==> flow/design.v <==
module mplex_stage (clk, resetn, d0_in, d1_in, d2_in, d3_in, d4_in, d5_in, d6_in, d7_in, d8_in, d9_in, d10_in, d11_in, d12_in, d13_in, d14_in, d15_in, d16_in, d17_in, d18_in, d19_in, choose_in, o_out);
  parameter DATA_W = 10;
  input clk;
  input resetn;
  input [DATA_W-1:0] d0_in;
  input [DATA_W-1:0] d1_in;
  input [DATA_W-1:0] d2_in;
  input [DATA_W-1:0] d3_in;
  input [DATA_W-1:0] d4_in;
  input [DATA_W-1:0] d5_in;
  input [DATA_W-1:0] d6_in;
  input [DATA_W-1:0] d7_in;
  input [DATA_W-1:0] d8_in;
  input [DATA_W-1:0] d9_in;
  input [DATA_W-1:0] d10_in;
  input [DATA_W-1:0] d11_in;
  input [DATA_W-1:0] d12_in;
  input [DATA_W-1:0] d13_in;
  input [DATA_W-1:0] d14_in;
  input [DATA_W-1:0] d15_in;
  input [DATA_W-1:0] d16_in;
  input [DATA_W-1:0] d17_in;
  input [DATA_W-1:0] d18_in;
  input [DATA_W-1:0] d19_in;
  input [4:0] choose_in;
  output [DATA_W-1:0] o_out;
  reg [DATA_W-1:0] d0_q;
  reg [DATA_W-1:0] d1_q;
  reg [DATA_W-1:0] d2_q;
  reg [DATA_W-1:0] d3_q;
  reg [DATA_W-1:0] d4_q;
  reg [DATA_W-1:0] d5_q;
  reg [DATA_W-1:0] d6_q;
  reg [DATA_W-1:0] d7_q;
  reg [DATA_W-1:0] d8_q;
  reg [DATA_W-1:0] d9_q;
  reg [DATA_W-1:0] d10_q;
  reg [DATA_W-1:0] d11_q;
  reg [DATA_W-1:0] d12_q;
  reg [DATA_W-1:0] d13_q;
  reg [DATA_W-1:0] d14_q;
  reg [DATA_W-1:0] d15_q;
  reg [DATA_W-1:0] d16_q;
  reg [DATA_W-1:0] d17_q;
  reg [DATA_W-1:0] d18_q;
  reg [DATA_W-1:0] d19_q;
  reg [4:0] choose_q;
  reg [DATA_W-1:0] work;
  always @* begin
    case (choose_q)
      0: work = d0_q;
      1: work = d1_q;
      2: work = d2_q;
      3: work = d3_q;
      4: work = d4_q;
      5: work = d5_q;
      6: work = d6_q;
      7: work = d7_q;
      8: work = d8_q;
      9: work = d9_q;
      10: work = d10_q;
      11: work = d11_q;
      12: work = d12_q;
      13: work = d13_q;
      14: work = d14_q;
      15: work = d15_q;
      16: work = d16_q;
      17: work = d17_q;
      18: work = d18_q;
      default: work = d19_q;
    endcase
  end
  assign o_out = work;
  always @(posedge clk) begin
    if (~resetn) begin
      d0_q <= 0;
      d1_q <= 0;
      d2_q <= 0;
      d3_q <= 0;
      d4_q <= 0;
      d5_q <= 0;
      d6_q <= 0;
      d7_q <= 0;
      d8_q <= 0;
      d9_q <= 0;
      d10_q <= 0;
      d11_q <= 0;
      d12_q <= 0;
      d13_q <= 0;
      d14_q <= 0;
      d15_q <= 0;
      d16_q <= 0;
      d17_q <= 0;
      d18_q <= 0;
      d19_q <= 0;
      choose_q <= 0;
    end else begin
      d0_q <= d0_in;
      d1_q <= d1_in;
      d2_q <= d2_in;
      d3_q <= d3_in;
      d4_q <= d4_in;
      d5_q <= d5_in;
      d6_q <= d6_in;
      d7_q <= d7_in;
      d8_q <= d8_in;
      d9_q <= d9_in;
      d10_q <= d10_in;
      d11_q <= d11_in;
      d12_q <= d12_in;
      d13_q <= d13_in;
      d14_q <= d14_in;
      d15_q <= d15_in;
      d16_q <= d16_in;
      d17_q <= d17_in;
      d18_q <= d18_in;
      d19_q <= d19_in;
      choose_q <= choose_in;
    end
  end
endmodule
======== Step by step through the tools: mplex_stage ========
What the tools print for mplex_stage, step after step.
Lines are those of the file above, counted from 1.
Cell names lack the library's common part.
A cell with n/a has no value.
set-up
  top module .............................. mplex_stage
  clock ................................... clk
  standard-cell library ................... sky130hd
  timing corner ........................... tt_025C_1v80

======== Elaborated design ========
Yosys after proc, flatten, opt, wreduce and memory -nomap, before mapping. Enables and synchronous resets that opt folds into registers are not counted as muxes. Memory bits, and registers merged into a memory's read port (data or address), are not among the register bits. Print and check cells are not counted. Equal cells are merged and count once.
operators by class
  equality and inequality tests ........... 18
  mux-type cells .......................... 1
  reduce/logical cells .................... 1
operator list
  cell                                                  number
  case mux 10 bit (select 19 bit)                       1
  equality test 5 x 4 -> 1 bit (second input constant)  8
  equality test 5 x 3 -> 1 bit (second input constant)  4
  equality test 5 bit (second input constant)           3
  equality test 5 x 2 -> 1 bit (second input constant)  2
  equality test 5 x 1 -> 1 bit (second input constant)  1
  logical NOT 5 bit                                     1
storage and ports
  flip-flop bits (word level) ............. 205
  bits of input ports ..................... 207
  output and inout bits ................... 10
  elaborated cells ........................ 41

======== Logic depth ========
Depth = most cells in a row (Yosys ltp): at word level without a register or memory, in the mapped netlist without a sequential cell, where the memories' decode and read muxes count.
depth
  word-level depth ........................ 2
  ABC_AREA ................................ 1
  gate-level depth with buffers ........... 10
  gate-level depth less buffers ........... 10

======== Mapped cells and area ========
Yosys stat after the flow's synthesis: flattened, memories mapped to cells. It holds for the ABC_AREA given above (unset counts as 0); a run with the other value may have another netlist.
mapped netlist
  mapped cells ............................ 1080
  synthesis area .......................... 7698.6 um2
  sequential part of the area ............. 4103.9 um2
  flip-flop cells ......................... 205
  buffer cells ............................ 50
cell types
  cell type  number  area in all (um2)
  dfxtp_1    205     4.1E+03
  nand2_1    358     1.34E+03
  inv_1      227     852.067
  nand3_1    106     530.509
  nand4_1    45      281.52
  nor2_1     70      262.752
  clkbuf_1   29      108.854
  buf_2      14      70.067
  nor2_2     9       56.304
  buf_4      3       22.522
  a21oi_1    4       20.019
  buf_1      4       15.014
  inv_2      3       11.261
  a21oi_2    1       8.758
  nand2_2    1       6.256
  nor3_1     1       5.005

======== Worst setup path after synthesis ========
OpenSTA on the mapped netlist: ideal clock, no wires. The path of least setup slack (recovery checks aside). Input and output delay are each 20% of the period. Register names are those of the netlist, which keeps one name where synthesis merged equal registers.
path after synthesis
  path type ............................... reg2out
  from .................................... register (no name shown)
  to ...................................... output port o_out[0]
  clock period ............................ 2660 ps
  output delay ............................ 532 ps
  time at the first pin ................... 0 ps
  data arrival time ....................... 1245 ps
  data required time ...................... 2128 ps
  path slack .............................. 883 ps
  path delay .............................. 1245 ps
  stages .................................. 9
  buffers on the path ..................... 0
  period reached after synthesis .......... 1777 ps
"path delay" is the arrival time less input delay plus setup time.
At an output port there is no setup time.
"stages": output pins that drive a net of the path, with the launching flip-flop's if there is one; two outputs of one cell count as two.
"period reached after synthesis" = period - worst setup slack (recovery checks aside). The figure is calculated, with input and output delays left at 20% of the set period.
Between the ends stands the longest chain of elaborated cells between them, by number of cells; it is not shown to be the way that was timed. Of several equally long chains one is given.
A line is the first line of the expression or statement that the cell stems from. Yosys adds cells for indexed reads and writes and turns some case tables into memories.
between the ends, after synthesis
  path through ............................ dfxtp_1 > inv_1 > nor2_1 > nand3_1 > nor2_1 > nor2_1 > nand2_1 > nor2_1 > nand3_1
  length of the longest elaborated chain .. 2
  elaborated cells on any way between the ends .. 20
  source lines of those cells ............. 1
  classes of those cells .................. eq/ne: 18; mux: 1; reduce/logical: 1
RTL lines, path after synthesis
  what                             RTL line  RTL
  start: declaration               47
  start: assignment                96
  start: assignment                118
  equality test 5 bit              50
  case mux 10 bit (select 19 bit)  50
  end: declaration                 26        output [DATA_W-1:0] o_out;

======== Worst path after layout ========
Path of least setup slack in the final report of entry A (OpenROAD, finished layout, wires in). Where an end is a register, its clock arrival counts in the times.
The report prints the path's times to 10 ps; the period is as set.
path after layout
  path type ............................... reg2out
  from .................................... register (no name shown)
  to ...................................... output port o_out[7]
  clock period ............................ 1320 ps
  output delay ............................ 260 ps
  time at the first pin ................... 480 ps
  data arrival time ....................... 2130 ps
  data required time ...................... 1060 ps
  path slack .............................. -1070 ps
  stages .................................. 14
  buffers on the path ..................... 4
Between the ends stands the longest chain of elaborated cells between them, by number of cells; it is not shown to be the way that was timed. Of several equally long chains one is given.
between the ends, after layout
  path through ............................ dfxtp_4 > buf_6 > inv_8 > nand2_4 > nor2_4 > buf_6 > buf_16 > nand3_2 > nand2_1 > nor2_1 > nand2_1 > nor2_2 > nand3_1 > buf_2
  length of the longest elaborated chain .. 2
  elaborated cells on any way between the ends .. 20
  source lines of those cells ............. 1
  classes of those cells .................. eq/ne: 18; mux: 1; reduce/logical: 1
RTL lines, path after layout
  what                             RTL line  RTL
  start: declaration               47
  start: assignment                96
  start: assignment                118
  equality test 5 bit              50
  case mux 10 bit (select 19 bit)  50
  end: declaration                 26        output [DATA_W-1:0] o_out;

Ticket comment

Module mplex_stage, platform sky130hd: 3 stored runs of the flow (Yosys, OpenROAD) with differing settings, in no particular order. Input and output delays are each 20% of the period that was set; the output load is 0.01 pF.
"clock period reached" is the run's clock period less its worst setup slack. It is reckoned from that one timing run; input and output delays stay at 20% of the period that was set.
"allowed time less slack (worst setup path)" means the part of the period allowed to the worst setup path (the constraints hold back 20% at inputs and 20% at outputs) less its slack; where the path has registers, the arrival times of their clocks count too.
"total power of the final layout" rests on the timing tool's default activity at the inputs, not on a simulated workload.
"allowed time less slack (worst setup path)" is known to 10 ps.

---- entry A ----
settings
  period_ns = 1.32
  CORE_UTILIZATION = 55
  PLACE_DENSITY_LB_ADDON = 0.27
  CELL_PAD_IN_SITES_GLOBAL_PLACEMENT = 0
  ABC_AREA = 1
  GPL_TIMING_DRIVEN = 1
  CAP_MARGIN = 30
  CORE_MARGIN = 2
  SLEW_MARGIN = 20
results
  setup TNS ............................... -10329 ps
  allowed time less slack (worst setup path) .. 2130 ps
  kind of the worst setup path ............ reg2out
  clock period reached .................... 2392 ps
  die size ................................ 14959.7 um2
  netlist area reported by Yosys .......... 7698.6 um2
  standard-cell area of the final layout .. 11606.1 um2
  worst setup slack after layout .......... -1072 ps
  final design utilization ................ 84.3%
  worst-case hold slack ................... 116 ps
  total power of the final layout ......... 13946 µW

---- entry B ----
settings
  period_ns = 2.66
  CAP_MARGIN = 20
  CORE_MARGIN = 2
  CORE_UTILIZATION = 40
  SLEW_MARGIN = 20
results
  setup TNS ............................... -2239 ps
  allowed time less slack (worst setup path) .. 2420 ps
  kind of the worst setup path ............ reg2out
  clock period reached .................... 2948 ps
  die size ................................ 19513.3 um2
  netlist area reported by Yosys .......... 7364.6 um2
  standard-cell area of the final layout .. 11964.0 um2
  worst setup slack after layout .......... -288 ps
  final design utilization ................ 66.4%
  worst-case hold slack ................... 383 ps
  total power of the final layout ......... 7077 µW

---- entry C ----
settings
  period_ns = 1.69
  CORE_UTILIZATION = 32
  SETUP_SLACK_MARGIN = -0.06
  PLACE_DENSITY = 0.89
  HOLD_SLACK_MARGIN = 0.14
  TNS_END_PERCENT = 25
  CTS_CLUSTER_SIZE = 61
  MIN_ROUTING_LAYER = met1
  CAP_MARGIN = 20
  CORE_MARGIN = 2
  SLEW_MARGIN = 20
results
  setup TNS ............................... -9976 ps
  allowed time less slack (worst setup path) .. 2400 ps
  kind of the worst setup path ............ reg2out
  clock period reached .................... 2735 ps
  die size ................................ 24244.0 um2
  netlist area reported by Yosys .......... 7364.6 um2
  standard-cell area of the final layout .. 11703.7 um2
  worst setup slack after layout .......... -1045 ps
  final design utilization ................ 51.7%
  worst-case hold slack ................... 294 ps
  total power of the final layout ......... 11691 µW
